==> flow/design.v <==
module sync_mul_unit_mod (ck, RSTN, step, a, b, res);
    parameter DATA_WIDTH = 12;
    parameter NUM = 4;
    localparam RW = 2*DATA_WIDTH + $clog2(NUM);
    input ck;
    input RSTN;
    input step;
    input [NUM*DATA_WIDTH-1:0] a;
    input [NUM*DATA_WIDTH-1:0] b;
    output [RW-1:0] res;
    reg [RW-1:0] t;
    integer i;
    always @(*) begin
        t = 0;
        for (i = 0; i < NUM; i = i + 1)
            t = t + a[i*DATA_WIDTH +: DATA_WIDTH] * b[i*DATA_WIDTH +: DATA_WIDTH];
    end
    reg [RW-1:0] res_ff;
    always @(posedge ck or negedge RSTN) begin
        if (~RSTN) begin
            res_ff <= 0;
        end else if (step) begin
            res_ff <= t;
        end
    end
    assign res = res_ff;
endmodule
==> From RTL to reports: sync_mul_unit_mod <==
What the tools print for sync_mul_unit_mod, step after step.
Lines are those of the file above, counted from 1.
Operators: Yosys type, input widths -> output width; for muxes data width and select width s.
Cell names lack the library's common part.
{ "setup": {"top_module": "sync_mul_unit_mod", "clock_port": "ck", "lib": "sky130hd", "corner": "tt_025C_1v80"} }

==> Elaborated design <==
Yosys after proc, flatten, opt, wreduce and memory -nomap, before mapping. Enables and synchronous resets that opt folds into registers are not counted as muxes. Memory bits, and registers merged into a memory's read port (data or address), are not among the register bits. Print and check cells are not counted. Equal cells are merged and count once.
{ "op_classes": {"addsub": 3, "compare": 0, "mul": 4, "reduce_logical": 0, "shift": 0, "n_div": 0, "n_eq": 0, "bitwise": 0, "n_mux": 0} }
{ "ops": {"columns": ["op", "n"], "rows": [
  ["$mul 12x12->24", 4],
  ["$add 25x24->26", 1],
  ["$add 26x24->26", 1],
  ["$add 24x24->25", 1]
]} }
{ "bits": {"elab_cells": 8, "output_inout_bits": 26, "latch_bits": 0, "memories": 0, "ff_bits": 26, "input_bits": 99, "ram_bits": 0, "mem_bits_ro": 0, "clocked_rd_ports_x_width": 0} }

==> Logic depth <==
Yosys ltp: most cells in a row. Word level: on the elaborated netlist, between registers, memories and ports. Mapped: between sequential cells and ports; inverters and the memories' decode and read muxes count.
{ "depth": {"depth_word": 4, "ABC_AREA": 0, "depth_mapped": 28} }

==> After synthesis <==
Yosys stat after the flow's synthesis: flattened, memories mapped to cells. It holds for the ABC_AREA given above (unset counts as 0); a run with the other value may have another netlist.
{ "types": {"columns": ["cell_type", "n", "type_area_um2"], "rows": [
  ["fa_1", 529, 1.06E+04],
  ["ha_1", 217, 2.72E+03],
  ["inv_1", 675, 2533.68],
  ["and2_1", 296, 1.85E+03],
  ["nand2_1", 312, 1.17E+03],
  ["dfrtp_1", 26, 650.624],
  ["clkbuf_1", 101, 379.114],
  ["a21oi_1", 23, 115.11],
  ["mux2_2", 10, 112.608],
  ["xnor2_1", 12, 105.101],
  ["nand3_1", 14, 70.067],
  ["nor2_1", 17, 63.811],
  ["a21o_1", 8, 60.058],
  ["o21ai_0", 11, 55.053],
  ["o21a_1", 6, 45.043],
  ["and3_1", 7, 43.792],
  ["a211o_1", 4, 35.034],
  ["o211ai_1", 4, 30.029]
]} }
Not listed: further types 36, cells in them 63.
{ "mapped": {"seq_area_um2": 650.6, "cell_count": 2335, "yosys_area_um2": 21135.3, "ff_cells": 26, "buf_cells": 110} }

==> Path before layout <==
Source: OpenSTA report_checks on the synthesized netlist (no wires, ideal clock, input and output delay 20% of the period each), path of least setup slack; recovery checks are left aside. Register names are those of the netlist, which keeps one name where synthesis merged equal registers.
{ "synth_path": {"path_type": "input port to flip-flop", "start": "input b[3]", "end": "register res_ff[19]", "path_slack_ns": 1.631, "t_arrival_ns": 8.500, "clock_period_ns": 10.2, "path_stages": 23, "delay_ns": 6.529, "in_delay_ns": 2.040, "setup_time_ns": 0.069, "synth_period_reached_ns": 8.569} }
"delay_ns" = arrival - input delay + setup time.
"path_stages": output pins that drive a net of the path, with the launching flip-flop's if there is one; two outputs of one cell count as two.
"synth_period_reached_ns" is the clock period less the worst setup slack; recovery checks do not enter. This is arithmetic on one report: input and output delays are still those of the set period (20% each).
Between the ends stands the longest chain of elaborated cells between them, by number of cells; it is not shown to be the way that was timed. Of several equally long chains one is given.
A line is the first line of the expression or statement that the cell stems from. Yosys adds cells for indexed reads and writes and turns some case tables into memories.
{ "synth_between": {"path_cell_list": "clkbuf_1 nand2_1 fa_1 fa_1 inv_1 fa_1 inv_1 fa_1 inv_1 fa_1 fa_1 fa_1 inv_1 fa_1 inv_1 fa_1 ha_1 o211ai_2 a21o_4 a21oi_4 o41ai_4 or4_1 nand3_1", "elab_chain_cells": 4} }
{ "synth_lines": {"columns": ["item", "line_no", "text"], "rows": [
  ["from (decl)", 9, "input [NUM*DATA_WIDTH-1:0] b;"],
  ["$mul 12x12->24", 16, "t = t + a[i*DATA_WIDTH +: DATA_WIDTH] * b[i*DATA_WIDTH +: DATA_WIDTH];"],
  ["$add 24x24->25", 16, null],
  ["$add 25x24->26", 16, null],
  ["$add 26x24->26", 16, null],
  ["to (assign)", 21, "res_ff <= 0;"],
  ["to (assign)", 23, "res_ff <= t;"],
  ["to (decl)", 18, "reg [RW-1:0] res_ff;"]
]} }

==> Path in the finished layout <==
From the final timing report of job 1: the path of least setup slack in the routed layout; clock arrival at registers is part of the times.
{ "layout_path": {"path_type": "input port to flip-flop", "start": "input a[42]", "end": "register res_ff[18]", "setup_time_ns": 0.06, "path_stages": 23, "clock_period_ns": 10.2, "t_arrival_ns": 9.84, "path_slack_ns": 0.56, "in_delay_ns": 2.04} }
Between the ends stands the longest chain of elaborated cells between them, by number of cells; it is not shown to be the way that was timed. Of several equally long chains one is given.
{ "layout_between": {"path_cell_list": "clkdlybuf4s50_1 and2_1 fa_1 inv_1 fa_1 inv_1 fa_1 inv_1 fa_1 inv_1 fa_1 fa_1 fa_1 fa_1 inv_1 fa_1 inv_1 ha_1 nand2_1 o21ai_0 o211ai_1 a2111o_1 nand3_1", "elab_chain_cells": 2} }
{ "layout_lines": {"columns": ["item", "line_no", "text"], "rows": [
  ["from (decl)", 8, "input [NUM*DATA_WIDTH-1:0] a;"],
  ["$mul 12x12->24", 16, "t = t + a[i*DATA_WIDTH +: DATA_WIDTH] * b[i*DATA_WIDTH +: DATA_WIDTH];"],
  ["$add 26x24->26", 16, null],
  ["to (assign)", 21, "res_ff <= 0;"],
  ["to (assign)", 23, "res_ff <= t;"],
  ["to (decl)", 18, "reg [RW-1:0] res_ff;"]
]} }

FLOW RESULTS
============

Flow measurements of sync_mul_unit_mod on sky130hd: 3 stored runs with different settings, listed in no order. Input and output delays are each 20% of the period that was set; the output load is 0.01 pF.
"achieved_clock_period_ns" means the clock period less the worst setup slack. The figure is calculated, with input and output delays left at 20% of the set period.
By "worstPathTime_ns" is meant the share of the clock period that the worst setup path is allowed (20% is reserved at inputs, 20% at outputs), minus its slack. Clock arrival times at its registers enter into it.

Job 1
==> flow/run.sh <==
#!/bin/bash
# the make line also repeats the synthesis and layout settings of config.mk as NAME=value (left out here)
make -C /OpenROAD-flow-scripts/flow DESIGN_CONFIG=/design/flow/config.mk WORK_HOME=/design/flow/orfs CLKGATE_MAP_FILE= finish
==> flow/config.mk <==
export PLATFORM = sky130hd
export DESIGN_NAME = sync_mul_unit_mod
export DESIGN_NICKNAME = sync_mul_unit_mod
export VERILOG_FILES = /design/flow/design.v
export SDC_FILE = /design/flow/constraint.sdc
export NUM_CORES = 4
export LEC_CHECK = 0
export CAP_MARGIN = 20
export CORE_MARGIN = 2
export CORE_UTILIZATION = 40
export SLEW_MARGIN = 20
==> flow/constraint.sdc <==
create_clock -name core_clock -period 10.2 [get_ports {ck}]
set_input_delay 2.0400 -clock core_clock [delete_from_list [all_inputs] [get_ports {ck}]]
set_output_delay 2.0400 -clock core_clock [all_outputs]
set_load 0.01 [all_outputs]

==> results of job 1, as JSON <==
{
  "synthArea_um2": 21135.3,
  "total_die_area_um2": 54692.8,
  "finish.stdcell_area_um2": 23098.4,
  "post_route_util_pct": 44.0,
  "worst_setup_slack_ns": 0.558,
  "timing.setup.tns_ns": 0.000,
  "holdWs_ns": 0.498,
  "achieved_clock_period_ns": 9.642,
  "worstPathTime_ns": 7.60,
  "path_kind": "input port to flip-flop"
}

Job 2
==> flow/run.sh <==
#!/bin/bash
# the make line also repeats the synthesis and layout settings of config.mk as NAME=value (left out here)
make -C /OpenROAD-flow-scripts/flow DESIGN_CONFIG=/design/flow/config.mk WORK_HOME=/design/flow/orfs CLKGATE_MAP_FILE= finish
==> flow/config.mk <==
export PLATFORM = sky130hd
export DESIGN_NAME = sync_mul_unit_mod
export DESIGN_NICKNAME = sync_mul_unit_mod
export VERILOG_FILES = /design/flow/design.v
export SDC_FILE = /design/flow/constraint.sdc
export NUM_CORES = 4
export LEC_CHECK = 0
export ABC_AREA = 0
export CAP_MARGIN = 20
export CELL_PAD_IN_SITES_DETAIL_PLACEMENT = 0
export CELL_PAD_IN_SITES_GLOBAL_PLACEMENT = 1
export CORE_MARGIN = 2
export CORE_UTILIZATION = 66
export CTS_CLUSTER_DIAMETER = 38
export GPL_ROUTABILITY_DRIVEN = 0
export GPL_TIMING_DRIVEN = 1
export MAX_ROUTING_LAYER = met4
export PLACE_DENSITY_LB_ADDON = 0.3
export SETUP_SLACK_MARGIN = 2.33
export SLEW_MARGIN = 0
==> flow/constraint.sdc <==
create_clock -name core_clock -period 8.43 [get_ports {ck}]
set_input_delay 1.6860 -clock core_clock [delete_from_list [all_inputs] [get_ports {ck}]]
set_output_delay 1.6860 -clock core_clock [all_outputs]
set_load 0.01 [all_outputs]

==> results of job 2, as JSON <==
{
  "synthArea_um2": 21135.3,
  "total_die_area_um2": 33470.7,
  "finish.stdcell_area_um2": 26419.1,
  "post_route_util_pct": 83.7,
  "worst_setup_slack_ns": 0.080,
  "timing.setup.tns_ns": 0.000,
  "holdWs_ns": 0.484,
  "achieved_clock_period_ns": 8.350,
  "worstPathTime_ns": 6.66,
  "path_kind": "input port to flip-flop"
}

Job 3
==> flow/run.sh <==
#!/bin/bash
# the make line also repeats the synthesis and layout settings of config.mk as NAME=value (left out here)
make -C /OpenROAD-flow-scripts/flow DESIGN_CONFIG=/design/flow/config.mk WORK_HOME=/design/flow/orfs CLKGATE_MAP_FILE= finish
==> flow/config.mk <==
export PLATFORM = sky130hd
export DESIGN_NAME = sync_mul_unit_mod
export DESIGN_NICKNAME = sync_mul_unit_mod
export VERILOG_FILES = /design/flow/design.v
export SDC_FILE = /design/flow/constraint.sdc
export NUM_CORES = 4
export LEC_CHECK = 0
export CAP_MARGIN = 20
export CORE_ASPECT_RATIO = 0.51
export CORE_MARGIN = 7
export CORE_UTILIZATION = 61
export CTS_CLUSTER_SIZE = 63
export GPL_TIMING_DRIVEN = 0
export MAX_ROUTING_LAYER = met5
export MIN_ROUTING_LAYER = met1
export PLACE_DENSITY_LB_ADDON = 0.08
export SLEW_MARGIN = 20
==> flow/constraint.sdc <==
create_clock -name core_clock -period 6.14 [get_ports {ck}]
set_input_delay 1.2280 -clock core_clock [delete_from_list [all_inputs] [get_ports {ck}]]
set_output_delay 1.2280 -clock core_clock [all_outputs]
set_load 0.01 [all_outputs]

==> results of job 3, as JSON <==
{
  "synthArea_um2": 21135.3,
  "total_die_area_um2": 40353.6,
  "finish.stdcell_area_um2": 27198.6,
  "post_route_util_pct": 80.2,
  "worst_setup_slack_ns": -1.719,
  "timing.setup.tns_ns": -29.711,
  "holdWs_ns": 0.492,
  "achieved_clock_period_ns": 7.859,
  "worstPathTime_ns": 6.63,
  "path_kind": "input port to flip-flop"
}
